==> flow/design.v <==
module gen_shift #(
  parameter integer NBITS = 20,
  parameter integer SEL_W = $clog2(NBITS)
) (
  input wire i_clk,
  input wire rstn,
  input wire [NBITS-1:0] ch,
  input wire [SEL_W-1:0] by,
  output reg [NBITS-1:0] data_out
);
  reg [NBITS-1:0] ch_ff;
  reg [SEL_W-1:0] by_ff;
  reg [NBITS-1:0] val_ff;
  reg [1:0] by_ff_lo;
  always @(posedge i_clk or negedge rstn) begin
    if (~rstn) begin
      ch_ff <= 0;
      by_ff <= 0;
      val_ff <= 0;
      by_ff_lo <= 0;
      data_out <= 0;
    end else begin
      ch_ff <= ch;
      by_ff <= by;
      val_ff <= ch_ff >> {by_ff[SEL_W-1:2], 2'b00};
      by_ff_lo <= by_ff[1:0];
      data_out <= val_ff >> by_ff_lo;
    end
  end
endmodule
Memo
Re: synthesis data of gen_shift

-- Tool chain data of gen_shift
A sweep over "NBITS": the same steps for each member of the family.
The RTL above is that of NBITS 20; lines are counted from 1 in the file of the member named.
Operators: Yosys type, input widths -> output width; for muxes data width and select width s.
Not given: n/a
- design top: gen_shift
- clock: i_clk
- library: sky130hd
- library corner: tt_025C_1v80

-- Members of the sweep
New or changed lines of each further member against the RTL above, in its own file; lines it lacks are not shown.
- new or changed lines (NBITS ; RTL line ; source):
    24 ; 2 ; parameter integer NBITS = 24,
    28 ; 2 ; parameter integer NBITS = 28,

-- Elaborated design
Counts by Yosys on the flattened word-level netlist (proc, flatten, opt, wreduce; memories kept). Register bits leave out memories and registers merged into their read ports (data or address); mux counts leave out enables and synchronous resets folded into registers. Print and check cells are left out. Cells with the same type and inputs are merged into one.
- cells by class (NBITS ; shift operators):
    20 ; 2
    24 ; 2
    28 ; 2
- operator list (NBITS ; kinds with counts):
    20 ; 1 x $shr 20x2->20; 1 x $shr 20x5->20
    24 ; 1 x $shr 24x2->24; 1 x $shr 24x5->24
    28 ; 1 x $shr 28x2->28; 1 x $shr 28x5->28
- storage and ports (NBITS ; register bits ; bits of input ports ; output and inout port bits ; word-level cells):
    20 ; 67 ; 27 ; 20 ; 7
    24 ; 79 ; 31 ; 24 ; 7
    28 ; 91 ; 35 ; 28 ; 7

-- Longest topological paths
Longest topological path by Yosys (ltp), each cell counted once; first at word level (registers and memories cut), then after technology mapping (sequential cells cut; the memories' decode and read muxes count).
- logic depth (NBITS ; depth in word-level cells ; ABC_AREA ; gate-level depth with buffers ; mapped depth without buffers):
    20 ; 1 ; 0 ; 5 ; 3
    24 ; 1 ; 0 ; 5 ; 3
    28 ; 1 ; 0 ; 5 ; 3

-- After synthesis
The flow's flattened synthesis, as Yosys stat reports it; memories are mapped. The netlist is that of the ABC_AREA named above (0 if unset); the other value can give another one.
Totals and module areas in this step are rounded.
- synthesis totals (NBITS ; standard cells after synthesis ; synthesis area (mm^2) ; area of sequential cells (mm^2) ; flip-flop cells ; buffer cells):
    20 ; 160 ; 0.00261 ; 0.00168 ; 67 ; 13
    24 ; 199 ; 0.0032 ; 0.00198 ; 79 ; 16
    28 ; 236 ; 0.00374 ; 0.00228 ; 91 ; 17
- cells by type (NBITS ; types with counts):
    20 ; 67 x sky130_fd_sc_hd__dfrtp_1; 13 x sky130_fd_sc_hd__mux4_2; 14 x sky130_fd_sc_hd__mux2i_1; 10 x sky130_fd_sc_hd__a211oi_1; 2 x sky130_fd_sc_hd__mux4_1; 10 x sky130_fd_sc_hd__nor2_1; 4 x sky130_fd_sc_hd__a2bb2oi_1; 4 x sky130_fd_sc_hd__o32ai_1; 3 x sky130_fd_sc_hd__buf_6; 4 x sky130_fd_sc_hd__and2b_1; 6 x sky130_fd_sc_hd__buf_2; 4 x sky130_fd_sc_hd__and2_1; 1 x sky130_fd_sc_hd__buf_12; 3 x sky130_fd_sc_hd__nor2b_1; 2 x sky130_fd_sc_hd__a31o_1; 2 x sky130_fd_sc_hd__a31o_2; 1 x sky130_fd_sc_hd__buf_8; 2 x sky130_fd_sc_hd__a21oi_1; [+8]
    24 ; 79 x sky130_fd_sc_hd__dfrtp_1; 23 x sky130_fd_sc_hd__mux4_2; 18 x sky130_fd_sc_hd__mux2i_1; 9 x sky130_fd_sc_hd__a211oi_1; 14 x sky130_fd_sc_hd__nor2_1; 4 x sky130_fd_sc_hd__buf_6; 4 x sky130_fd_sc_hd__mux2_2; 8 x sky130_fd_sc_hd__o21ai_0; 4 x sky130_fd_sc_hd__a2bb2oi_1; 7 x sky130_fd_sc_hd__buf_2; 5 x sky130_fd_sc_hd__nor2b_1; 4 x sky130_fd_sc_hd__nand3b_1; 4 x sky130_fd_sc_hd__o21a_1; 1 x sky130_fd_sc_hd__mux4_1; 4 x sky130_fd_sc_hd__and2_1; 3 x sky130_fd_sc_hd__buf_4; 1 x sky130_fd_sc_hd__and2b_1; 2 x sky130_fd_sc_hd__clkbuf_1; [+5]
    28 ; 91 x sky130_fd_sc_hd__dfrtp_1; 27 x sky130_fd_sc_hd__mux4_2; 22 x sky130_fd_sc_hd__mux2i_1; 13 x sky130_fd_sc_hd__a211oi_1; 9 x sky130_fd_sc_hd__buf_4; 9 x sky130_fd_sc_hd__nor2b_1; 8 x sky130_fd_sc_hd__o22ai_1; 4 x sky130_fd_sc_hd__buf_6; 11 x sky130_fd_sc_hd__nor2_1; 4 x sky130_fd_sc_hd__a221oi_1; 4 x sky130_fd_sc_hd__a2bb2oi_1; 8 x sky130_fd_sc_hd__inv_1; 4 x sky130_fd_sc_hd__o21a_1; 1 x sky130_fd_sc_hd__mux4_1; 4 x sky130_fd_sc_hd__and2_1; 5 x sky130_fd_sc_hd__o21ai_0; 3 x sky130_fd_sc_hd__nand2b_1; 2 x sky130_fd_sc_hd__buf_2; [+7]
A list marked [+n] leaves out that many cells.

-- Worst setup path after synthesis
Path of least setup slack by OpenSTA after synthesis, without wires, with an ideal clock, recovery checks aside; 20% of the period is set as input and as output delay. Where synthesis merged equal registers, the netlist keeps one of their names.
- timing path post-synthesis (NBITS ; path type ; start ; end ; clock period (ns) ; setup slack (ns) ; driving pins on the path ; path delay (ns) ; period reached after synthesis (ns)):
    20 ; register to register ; register by_ff_lo[0] ; register data_out[0] ; 1.48 ; 0.292 ; 4 ; 1.187 ; 1.188
    24 ; register to register ; register by_ff[2] ; register val_ff[0] ; 1.65 ; 0.331 ; 5 ; 1.320 ; 1.319
    28 ; register to register ; register by_ff[3] ; register val_ff[4] ; 1.54 ; 0.312 ; 5 ; 1.228 ; 1.228
"path delay" = arrival - input delay + setup time.
"driving pins on the path" counts driving pins, that of a launching flip-flop among them; a cell with two outputs on the path counts twice.
"period reached after synthesis" = period - worst setup slack (recovery checks aside). The figure is calculated, with input and output delays left at 20% of the set period.
The rows between start and end are the longest chain of elaborated cells between them; the timing report does not say that the signal goes this way. Where chains are equally long, one stands for them.
A line is the first line of the expression or statement that the cell stems from. Yosys adds cells for indexed reads and writes and turns some case tables into memories.
On the way, post-synthesis, NBITS 20:
- noted cells in the longest elaborated chain: 1
- ends and longest elaborated chain, post-synthesis, NBITS 20 (what ; RTL line ; source):
    start, declared ; 14 ; reg [1:0] by_ff_lo;
    start, assigned ; 20 ; by_ff_lo <= 0;
    start, assigned ; 26 ; by_ff_lo <= by_ff[1:0];
    $shr 20x2->20 ; 27 ; data_out <= val_ff >> by_ff_lo;
    end, assigned ; 21 ; data_out <= 0;
    end, assigned ; 27 ;
    end, declared ; 9 ; output reg [NBITS-1:0] data_out
On the way, post-synthesis, NBITS 28:
- noted cells in the longest elaborated chain: 1
- ends and longest elaborated chain, post-synthesis, NBITS 28 (what ; RTL line ; source):
    start, declared ; 12 ; reg [SEL_W-1:0] by_ff;
    start, assigned ; 18 ; by_ff <= 0;
    start, assigned ; 24 ; by_ff <= by;
    $shr 28x5->28 ; 25 ; val_ff <= ch_ff >> {by_ff[SEL_W-1:2], 2'b00};
    end, assigned ; 19 ; val_ff <= 0;
    end, assigned ; 25 ;
    end, declared ; 13 ; reg [NBITS-1:0] val_ff;

-- Worst path after layout
Path of least setup slack in the final report of each member's run (OpenROAD, finished layout, wires in). Where an end is a register, its clock arrival counts in the times.
- timing path after layout (NBITS ; path type ; start ; end ; clock period (ns) ; setup slack (ns) ; driving pins on the path ; arrival (ns) ; path buffers):
    20 ; register to register ; register by_ff[4] ; register val_ff[3] ; 1.48 ; 0.13 ; 4 ; 1.58 ; 0
    24 ; register to output ; register data_out[20] ; output port data_out[20] ; 1.65 ; 0.10 ; 2 ; 1.22 ; 1
    28 ; register to register ; register by_ff[3] ; register val_ff[1] ; 1.54 ; 0.15 ; 5 ; 1.64 ; 1

-- Layout results
One run of the flow (Yosys, OpenROAD) for each member, with settings and measured results. Input and output delays are each 20% of the period that was set; the output load is 0.01 pF.
- noted CAP_MARGIN: 20
- CORE_MARGIN at 2
- CORE_UTILIZATION at 40
- noted SLEW_MARGIN: 20
- settings that differ (NBITS ; period_ns):
    20 ; 1.48
    24 ; 1.65
    28 ; 1.54
- measured results (NBITS ; synthesis area (mm^2) ; full die area (mm^2) ; standard-cell area of the final layout (mm^2) ; setup slack of the worst path (ns) ; lowest hold slack (ns) ; power consumption (uW)):
    20 ; 0.00261 ; 0.00718 ; 0.00332 ; 0.126 ; 0.356 ; 3920
    24 ; 0.0032 ; 0.00874 ; 0.00418 ; 0.101 ; 0.345 ; 4560
    28 ; 0.00374 ; 0.0101 ; 0.00475 ; 0.152 ; 0.355 ; 4990
"power consumption": no workload was simulated; the value follows from the tool's default switching activity.
Results are given in rounded form.
